==> flow/design.v <==
module my_summer_rtl #(
   parameter integer BITS = 64
) (
   input logic clock,
   input logic srst,
   input logic [BITS-1:0] in_dataa,
   input logic [BITS-1:0] in_datab,
   input logic in_carry_in,
   output logic [BITS-1:0] out_s,
   output logic out_ovf
);
   logic [BITS-1:0] dataa_reg;
   logic [BITS-1:0] datab_reg;
   logic carry_in_reg;
   logic [BITS-1:0] tmp;
   logic [BITS:0] c;
   assign c[0] = carry_in_reg;
   for (genvar gi = 0; gi < BITS; gi++) begin : row
      assign tmp[gi] = dataa_reg[gi] ^ datab_reg[gi] ^ c[gi];
      assign c[gi+1] = (dataa_reg[gi] & datab_reg[gi]) | (c[gi] & (dataa_reg[gi] ^ datab_reg[gi]));
   end
   assign out_s = tmp;
   assign out_ovf = c[BITS];
   always_ff @(posedge clock or posedge srst) begin
      if (srst) begin
         dataa_reg <= 0;
         datab_reg <= 0;
         carry_in_reg <= 1'b0;
      end else begin
         dataa_reg <= in_dataa;
         datab_reg <= in_datab;
         carry_in_reg <= in_carry_in;
      end
   end
endmodule
## Step by step through the tools: my_summer_rtl

The steps from the RTL of my_summer_rtl to its reports follow in flow order.
Lines are those of the file above, counted from 1.
Operators carry their Yosys type and port widths (W data, S select, Z words).
Library cell names are shortened.
Not given: n/a

| inputs | value |
|---|---|
| top module | my_summer_rtl |
| clock input | clock |
| standard-cell library | sky130hd |
| timing corner | tt_025C_1v80 |

## Elaborated design

Yosys after proc, flatten, opt, wreduce and memory -nomap, before mapping. Enables and synchronous resets that opt folds into registers are not counted as muxes. Memory bits, and registers merged into a memory's read port (data or address), are not among the register bits. Print and check cells are not counted. Equal cells are merged and count once.

| word-level totals | value |
|---|---|
| flip-flop bits (word level) | 129 |
| bits in latches | 0 |
| memory bits (writable) | 0 |
| bits in read-only memories | 0 |
| word width x clocked read ports | 0 |
| memories | 0 |
| input port bits | 131 |
| output and inout port bits | 65 |
| cells after elaboration | 323 |

| operators by class | value |
|---|---|
| add/subtract/negate cells | 0 |
| $mul | 0 |
| div/mod/pow operators | 0 |
| magnitude comparators | 0 |
| equality and inequality tests | 0 |
| shifts and indexed selects | 0 |
| muxes and demuxes | 0 |
| bitwise operators | 320 |
| reductions and logical operators | 0 |

Operators by type and width:

| operator | count |
|---|---|
| $and A1 B1 Y1 | 128 |
| $xor A1 B1 Y1 | 128 |
| $or A1 B1 Y1 | 64 |

## Depth

Longest topological path by Yosys (ltp), each cell counted once; first at word level (registers and memories cut), then after technology mapping (sequential cells cut; the memories' decode and read muxes count).

| logic depth | value |
|---|---|
| depth after elaboration | 129 |
| ABC_AREA | 0 |
| mapped depth | 68 |
| mapped depth without buffers | 68 |

## Mapped cells and area

Yosys stat after the flow's synthesis: flattened, memories mapped to cells. It holds for the ABC_AREA given above (unset counts as 0); a run with the other value may have another netlist.

Cell types:

| cell type | count | area in all (um^2) |
|---|---|---|
| dfrtp_1 | 129 | 3.23E+03 |
| fa_1 | 64 | 1.28E+03 |
| inv_1 | 11 | 41.29 |

| synthesis totals | value |
|---|---|
| cells in the netlist | 204 |
| cell area after synthesis | 4,550.6 um^2 |
| sequential area | 3,228.1 um^2 |
| flip-flops | 129 |
| buffers | 0 |

## Worst setup path after synthesis

Source: OpenSTA report_checks on the synthesized netlist (no wires, ideal clock, input and output delay 20% of the period each), path of least setup slack; recovery checks are left aside. Register names are those of the netlist, which keeps one name where synthesis merged equal registers.

| timing post-synthesis | value |
|---|---|
| path kind | reg-to-output |
| start | register dataa_reg[0] |
| end | output out_s[63] |
| clock period | 38.6 ns |
| output delay | 7.720 ns |
| time at the first pin | 0.000 ns |
| data arrival time | 24.706 ns |
| required time | 30.880 ns |
| path slack | 6.174 ns |
| delay of the path | 24.706 ns |
| stages | 69 |
| path buffers | 0 |
| synthesis period reached | 32.426 ns |

"delay of the path" = arrival - input delay + setup time.
A path that ends at an output port has no setup time.
"stages": output pins that drive a net of the path, with the launching flip-flop's if there is one; two outputs of one cell count as two.
"synthesis period reached" is the clock period less the worst setup slack; recovery checks do not enter. This is arithmetic on one report: input and output delays are still those of the set period (20% each).
Between the ends stands the longest chain of elaborated cells between them, by number of cells; it is not shown to be the way that was timed. Of several equally long chains one is given.
Each line given opens the expression or statement behind the cell; cells for indexed reads and writes are added by Yosys, which also makes memories of some case tables.

| between the ends, post-synthesis | value |
|---|---|
| cells stage by stage | dfrtp_1 fa_1 fa_1 fa_1 fa_1 fa_1 fa_1 fa_1 fa_1 fa_1 fa_1 fa_1 fa_1 fa_1 fa_1 fa_1 fa_1 fa_1 [33 not listed] fa_1 fa_1 fa_1 fa_1 fa_1 fa_1 fa_1 fa_1 fa_1 fa_1 fa_1 inv_1 fa_1 inv_1 fa_1 inv_1 fa_1 inv_1 |
| cells in the longest elaborated chain | 128 |
| elaborated cells on any way between the ends | 129 |
| classes of those cells | logic: 129 |

RTL lines, path post-synthesis:

| what | RTL line | RTL |
|---|---|---|
| start: declaration | 12 | `logic [BITS-1:0] dataa_reg;` |
| start: assignment | 26 | `dataa_reg <= 0;` |
| start: assignment | 30 | `dataa_reg <= in_dataa;` |
| $xor A1 B1 Y1 | 20 | `assign c[gi+1] = (dataa_reg[gi] & datab_reg[gi]) \| (c[gi] & (dataa_reg[gi] ^ datab_reg[gi]));` |
| $and A1 B1 Y1 | 20 |  |
| $or A1 B1 Y1 | 20 |  |
| $and A1 B1 Y1 | 20 |  |
| $or A1 B1 Y1 | 20 |  |
| $and A1 B1 Y1 | 20 |  |
| $or A1 B1 Y1 | 20 |  |
| [114 not listed] | n/a |  |
| $and A1 B1 Y1 | 20 |  |
| $or A1 B1 Y1 | 20 |  |
| $and A1 B1 Y1 | 20 |  |
| $or A1 B1 Y1 | 20 |  |
| $and A1 B1 Y1 | 20 |  |
| $or A1 B1 Y1 | 20 |  |
| $xor A1 B1 Y1 | 19 | `assign tmp[gi] = dataa_reg[gi] ^ datab_reg[gi] ^ c[gi];` |
| end: declaration | 9 | `output logic [BITS-1:0] out_s,` |

## Path in the finished layout

Path of least setup slack in the final report of run B (OpenROAD, finished layout, wires in). Where an end is a register, its clock arrival counts in the times.

| timing post-layout | value |
|---|---|
| path kind | reg-to-output |
| start | register dataa_reg[0] |
| end | output out_s[63] |
| clock period | 38.6 ns |
| output delay | 7.72 ns |
| time at the first pin | 0.40 ns |
| data arrival time | 26.72 ns |
| required time | 30.88 ns |
| path slack | 4.16 ns |
| stages | 70 |
| path buffers | 1 |

Between the ends stands the longest chain of elaborated cells between them, by number of cells; it is not shown to be the way that was timed. Of several equally long chains one is given.

| between the ends, post-layout | value |
|---|---|
| cells stage by stage | dfrtp_1 fa_1 fa_1 fa_1 fa_1 fa_1 fa_1 fa_1 fa_1 fa_1 fa_1 fa_1 fa_1 fa_1 fa_1 fa_1 fa_1 fa_1 [34 not listed] fa_1 fa_1 fa_1 fa_1 fa_1 fa_1 fa_1 fa_1 fa_1 fa_1 inv_1 fa_1 inv_1 fa_1 inv_1 fa_1 inv_1 clkdlybuf4s50_1 |
| cells in the longest elaborated chain | 128 |
| elaborated cells on any way between the ends | 129 |
| classes of those cells | logic: 129 |

RTL lines, path post-layout:

| what | RTL line | RTL |
|---|---|---|
| start: declaration | 12 | `logic [BITS-1:0] dataa_reg;` |
| start: assignment | 26 | `dataa_reg <= 0;` |
| start: assignment | 30 | `dataa_reg <= in_dataa;` |
| $xor A1 B1 Y1 | 20 | `assign c[gi+1] = (dataa_reg[gi] & datab_reg[gi]) \| (c[gi] & (dataa_reg[gi] ^ datab_reg[gi]));` |
| $and A1 B1 Y1 | 20 |  |
| $or A1 B1 Y1 | 20 |  |
| $and A1 B1 Y1 | 20 |  |
| $or A1 B1 Y1 | 20 |  |
| $and A1 B1 Y1 | 20 |  |
| $or A1 B1 Y1 | 20 |  |
| [114 not listed] | n/a |  |
| $and A1 B1 Y1 | 20 |  |
| $or A1 B1 Y1 | 20 |  |
| $and A1 B1 Y1 | 20 |  |
| $or A1 B1 Y1 | 20 |  |
| $and A1 B1 Y1 | 20 |  |
| $or A1 B1 Y1 | 20 |  |
| $xor A1 B1 Y1 | 19 | `assign tmp[gi] = dataa_reg[gi] ^ datab_reg[gi] ^ c[gi];` |
| end: declaration | 9 | `output logic [BITS-1:0] out_s,` |

--- measured runs ---
Module my_summer_rtl, platform sky130hd: 3 stored runs of the flow (Yosys, OpenROAD) with differing settings, in no particular order. Input and output delays are each 20% of the period that was set; the output load is 0.01 pF.
"achieved period" is the run's clock period less its worst setup slack. It is reckoned from that one timing run; input and output delays stay at 20% of the period that was set.
By "allowed time less slack (worst setup path)" is meant the share of the clock period that the worst setup path is allowed (20% is reserved at inputs, 20% at outputs), minus its slack. Clock arrival times at its registers enter into it.
"total power of the final layout" is the tool's figure for a default switching activity; nothing was simulated.
Settings: - = not set for that run.
A result given as - is not shown for that run.

| setting or result | run A | run B | run C |
|---|---|---|---|
| period_ns | 38.1 | 38.6 | 41.3 |
| CORE_UTILIZATION | 68 | 40 | 53 |
| PLACE_DENSITY | 0.7 | - | - |
| HOLD_SLACK_MARGIN | 0.02 | - | - |
| CELL_PAD_IN_SITES_GLOBAL_PLACEMENT | 2 | - | - |
| ABC_AREA | 1 | - | - |
| GPL_TIMING_DRIVEN | 1 | - | - |
| CAP_MARGIN | 15 | 20 | 20 |
| MAX_ROUTING_LAYER | met5 | - | - |
| CORE_MARGIN | 2 | 2 | 2 |
| SLEW_MARGIN | 20 | 20 | 20 |
| PLACE_DENSITY_LB_ADDON | - | - | 0.08 |
| TNS_END_PERCENT | - | - | 25 |
| GPL_ROUTABILITY_DRIVEN | - | - | 1 |
| CTS_CLUSTER_DIAMETER | - | - | 356 |
| netlist area reported by Yosys (um^2) | - | 4,550.6 | 4,550.6 |
| overall die area (um^2) | - | 12,245.6 | 9,343.2 |
| standard-cell area after routing (um^2) | - | 7,319.5 | 7,268.2 |
| post-route utilization (%) | - | 66.6 | 88.0 |
| setup slack of the worst path (ns) | - | 4.162 | 5.863 |
| setup total negative slack (ns) | - | 0.000 | 0.000 |
| total power of the final layout (mW) | - | 0.3804 | 0.3560 |
| achieved period (ns) | - | 34.438 | 35.437 |
| allowed time less slack (worst setup path) (ns) | - | 26.72 | 27.18 |
| worst setup path type | - | reg-to-output | reg-to-output |

Run A: stopped before the end: placement reported GPL-0301
--- end ---
